==> flow/design.v <==
module gen_shift_unit_rtl #(
   parameter int W = 12,
   parameter int SBITS = $clog2(W)
) (
   input  logic ck,
   input  logic rst,
   input  logic [W-1:0] in,
   input  logic [SBITS-1:0] count,
   output logic [W-1:0] z_o
);
   logic [W-1:0] in_s;
   logic [SBITS-1:0] count_s;
   always_ff @(posedge ck or posedge rst) begin
      if (rst) begin
         in_s <= 0;
         count_s <= 0;
      end else begin
         in_s <= in;
         count_s <= count;
      end
   end
   assign z_o = in_s >> count_s;
endmodule
==> reports on gen_shift_unit_rtl <==
== Step by step through the tools: gen_shift_unit_rtl ==
Module gen_shift_unit_rtl in several versions that differ in "W"; each step lists the members.
The file above is the member W=12. Line numbers count from 1 in each member's own file.
Library cell names are shortened.
A cell with n/a has no value.

* Design top: gen_shift_unit_rtl
* Clock port: ck
* Standard-cell library: sky130hd
* Timing corner: tt_025C_1v80

== Members of the sweep ==
New or changed lines of each further member against the RTL above, in its own file; lines it lacks are not shown.

{| class="wikitable"
|+ Lines new or changed
! W !! RTL line !! RTL
|-
| 24 || 2 || <nowiki>parameter int W = 24,</nowiki>
|-
| 48 || 2 || <nowiki>parameter int W = 48,</nowiki>
|}

== Word level ==
Yosys after proc, flatten, opt, wreduce and memory -nomap, before mapping. Enables and synchronous resets that opt folds into registers are not counted as muxes. Memory bits, and registers merged into a memory's read port (data or address), are not among the register bits. Print and check cells are not counted. Equal cells are merged and count once.

{| class="wikitable"
|+ Storage and ports
! W !! register bits after elaboration !! bits of input ports !! output and inout port bits !! cells after elaboration
|-
| 12 || 16 || 18 || 12 || 3
|-
| 24 || 29 || 31 || 24 || 3
|-
| 48 || 54 || 56 || 48 || 3
|}

{| class="wikitable"
|+ Cells by class
! W !! shifts and indexed selects
|-
| 12 || 1
|-
| 24 || 1
|-
| 48 || 1
|}

{| class="wikitable"
|+ Operator list
! W !! kinds with counts
|-
| 12 || 1 x right shift 12 x 4 -> 12 bit
|-
| 24 || 1 x right shift 24 x 5 -> 24 bit
|-
| 48 || 1 x right shift 48 x 6 -> 48 bit
|}

== Longest topological paths ==
Depth = most cells in a row (Yosys ltp): at word level without a register or memory, in the mapped netlist without a sequential cell, where the memories' decode and read muxes count.

{| class="wikitable"
|+ Logic depth
! W !! word-level depth !! ABC_AREA !! depth in mapped cells !! depth with buffers taken out
|-
| 12 || 1 || 0 || 5 || 3
|-
| 24 || 1 || 0 || 6 || 4
|-
| 48 || 1 || 0 || 8 || 5
|}

== Netlist ==
The flow's flattened synthesis, as Yosys stat reports it; memories are mapped. The netlist is that of the ABC_AREA named above (0 if unset); the other value can give another one.
Totals and module areas in this step are rounded.

{| class="wikitable"
|+ Synthesis totals
! W !! cells in the netlist !! mapped area (um2) !! sequential area (um2) !! flip-flops
|-
| 12 || 66 || 939.7 || 400.4 || 16
|-
| 24 || 162 || 1882 || 725.7 || 29
|-
| 48 || 378 || 4084 || 1351 || 54
|}

{| class="wikitable"
|+ Cells by type
! W !! types with counts
|-
| 12 || 16 x dfrtp_1; 9 x mux4_1; 7 x mux2i_1; 3 x buf_6; 1 x mux4_2; 3 x and2_1; 5 x nand2_1; 2 x a22o_1; 2 x a31o_1; 2 x nand2b_1; 1 x mux2_2; 3 x nor2_1; 2 x a21oi_1; 2 x o21ai_0; 1 x and2b_2; 1 x a22oi_1; 1 x nand3b_1; 1 x nor3b_1; [+4]
|-
| 24 || 29 x dfrtp_1; 17 x mux4_2; 15 x mux2_2; 14 x mux2i_1; 20 x nor2_1; 15 x nand2_1; 7 x a211oi_1; 4 x o211ai_1; 4 x o21a_1; 4 x buf_2; 5 x clkbuf_1; 2 x a2bb2oi_1; 2 x o221ai_1; 3 x a21oi_1; 2 x buf_4; 4 x inv_1; 1 x buf_6; 1 x a211o_1; [+13]
|-
| 48 || 54 x dfrtp_1; 39 x mux4_2; 44 x mux2i_1; 42 x nand2_1; 41 x nor2_1; 13 x mux2_2; 22 x o22ai_1; 15 x a21oi_1; 15 x o21ai_0; 11 x buf_2; 14 x clkbuf_1; 2 x mux4_1; 5 x a211oi_1; 4 x o221ai_1; 3 x buf_6; 3 x a211o_1; 4 x nand2b_1; 3 x a21o_1; [+44]
|}

The mark [+n] counts cells that are not listed.

== Worst setup path after synthesis ==
Source: OpenSTA report_checks on the synthesized netlist (no wires, ideal clock, input and output delay 20% of the period each), path of least setup slack; recovery checks are left aside. Register names are those of the netlist, which keeps one name where synthesis merged equal registers.

{| class="wikitable"
|+ Path after synthesis
! W !! path kind !! from !! to !! period (ps) !! path slack (ps) !! stages on the path !! delay of the path (ps) !! period reached after synthesis (ps)
|-
| 12 || register to output || register count_s[0] || output z_o[3] || 2240 || 357 || 5 || 1435 || 1883
|-
| 24 || register to output || register count_s[0] || output z_o[4] || 2430 || 386 || 6 || 1558 || 2044
|-
| 48 || register to output || register count_s[0] || output z_o[2] || 3020 || 485 || 7 || 1931 || 2535
|}

"delay of the path" is the arrival time less input delay plus setup time.
At an output port there is no setup time.
"stages on the path": output pins that drive a net of the path, with the launching flip-flop's if there is one; two outputs of one cell count as two.
"period reached after synthesis" is the clock period less the worst setup slack; recovery checks do not enter. This is arithmetic on one report: input and output delays are still those of the set period (20% each).
Between the ends stands the longest chain of elaborated cells between them, by number of cells; it is not shown to be the way that was timed. Of several equally long chains one is given.
Each line given opens the expression or statement behind the cell; cells for indexed reads and writes are added by Yosys, which also makes memories of some case tables.

On the way, after synthesis, W=12:
* Length of the longest elaborated chain: 1

{| class="wikitable"
|+ RTL lines, path after synthesis, W=12
! item !! RTL line !! RTL
|-
| from (decl) || 12 || <nowiki>logic [SBITS-1:0] count_s;</nowiki>
|-
| from (assign) || 16 || <nowiki>count_s <= 0;</nowiki>
|-
| from (assign) || 19 || <nowiki>count_s <= count;</nowiki>
|-
| right shift 12 x 4 -> 12 bit || 22 || <nowiki>assign z_o = in_s >> count_s;</nowiki>
|-
| to (decl) || 9 || <nowiki>output logic [W-1:0] z_o</nowiki>
|}

On the way, after synthesis, W=48:
* Length of the longest elaborated chain: 1

{| class="wikitable"
|+ RTL lines, path after synthesis, W=48
! item !! RTL line !! RTL
|-
| from (decl) || 12 || <nowiki>logic [SBITS-1:0] count_s;</nowiki>
|-
| from (assign) || 16 || <nowiki>count_s <= 0;</nowiki>
|-
| from (assign) || 19 || <nowiki>count_s <= count;</nowiki>
|-
| right shift 48 x 6 -> 48 bit || 22 || <nowiki>assign z_o = in_s >> count_s;</nowiki>
|-
| to (decl) || 9 || <nowiki>output logic [W-1:0] z_o</nowiki>
|}

== Timing after layout ==
From the final timing report of the run of each member: the path of least setup slack in the routed layout; clock arrival at registers is part of the times.
The path's times are printed in steps of 10 ps; the period is the one set.

{| class="wikitable"
|+ Path after layout
! W !! path kind !! from !! to !! period (ps) !! path slack (ps) !! stages on the path !! arrival (ps) !! buffers on the path
|-
| 12 || register to output || register count_s[0] || output z_o[0] || 2240 || -70 || 6 || 1860 || 2
|-
| 24 || register to output || register count_s[1] || output z_o[2] || 2430 || -110 || 8 || 2050 || 3
|-
| 48 || register to output || register count_s[0] || output z_o[2] || 3020 || -110 || 9 || 2520 || 3
|}

== Measured runs ==
Settings and results of one run of the flow (Yosys, OpenROAD) for each member follow. The constraints put input and output delay at 20% of the set period each and load the outputs with 0.01 pF.

* CAP_MARGIN: 20
* CORE_MARGIN: 2
* CORE_UTILIZATION: 40
* SLEW_MARGIN: 20

{| class="wikitable"
|+ Settings that differ
! W !! period_ns
|-
| 12 || 2.24
|-
| 24 || 2.43
|-
| 48 || 3.02
|}

{| class="wikitable"
|+ Final reports
! W !! synthesized cell area (um2) !! full die area (um2) !! standard-cell area after layout (um2) !! utilization !! lowest setup slack (ps) !! total negative setup slack (ps) !! total power after layout (uW) !! period reached (ps)
|-
| 12 || 939.7 || 2753 || 1393 || 0.63 || -67 || -133 || 687 || 2307
|-
| 24 || 1882 || 5269 || 2942 || 0.662 || -106 || -861 || 1378 || 2536
|-
| 48 || 4084 || 11030 || 6086 || 0.617 || -106 || -813 || 2154 || 3126
|}

"period reached" is the run's clock period less its worst setup slack. It is reckoned from that one timing run; input and output delays stay at 20% of the period that was set.
"total power after layout": no workload was simulated; the value follows from the tool's default switching activity.
The results are shown rounded.
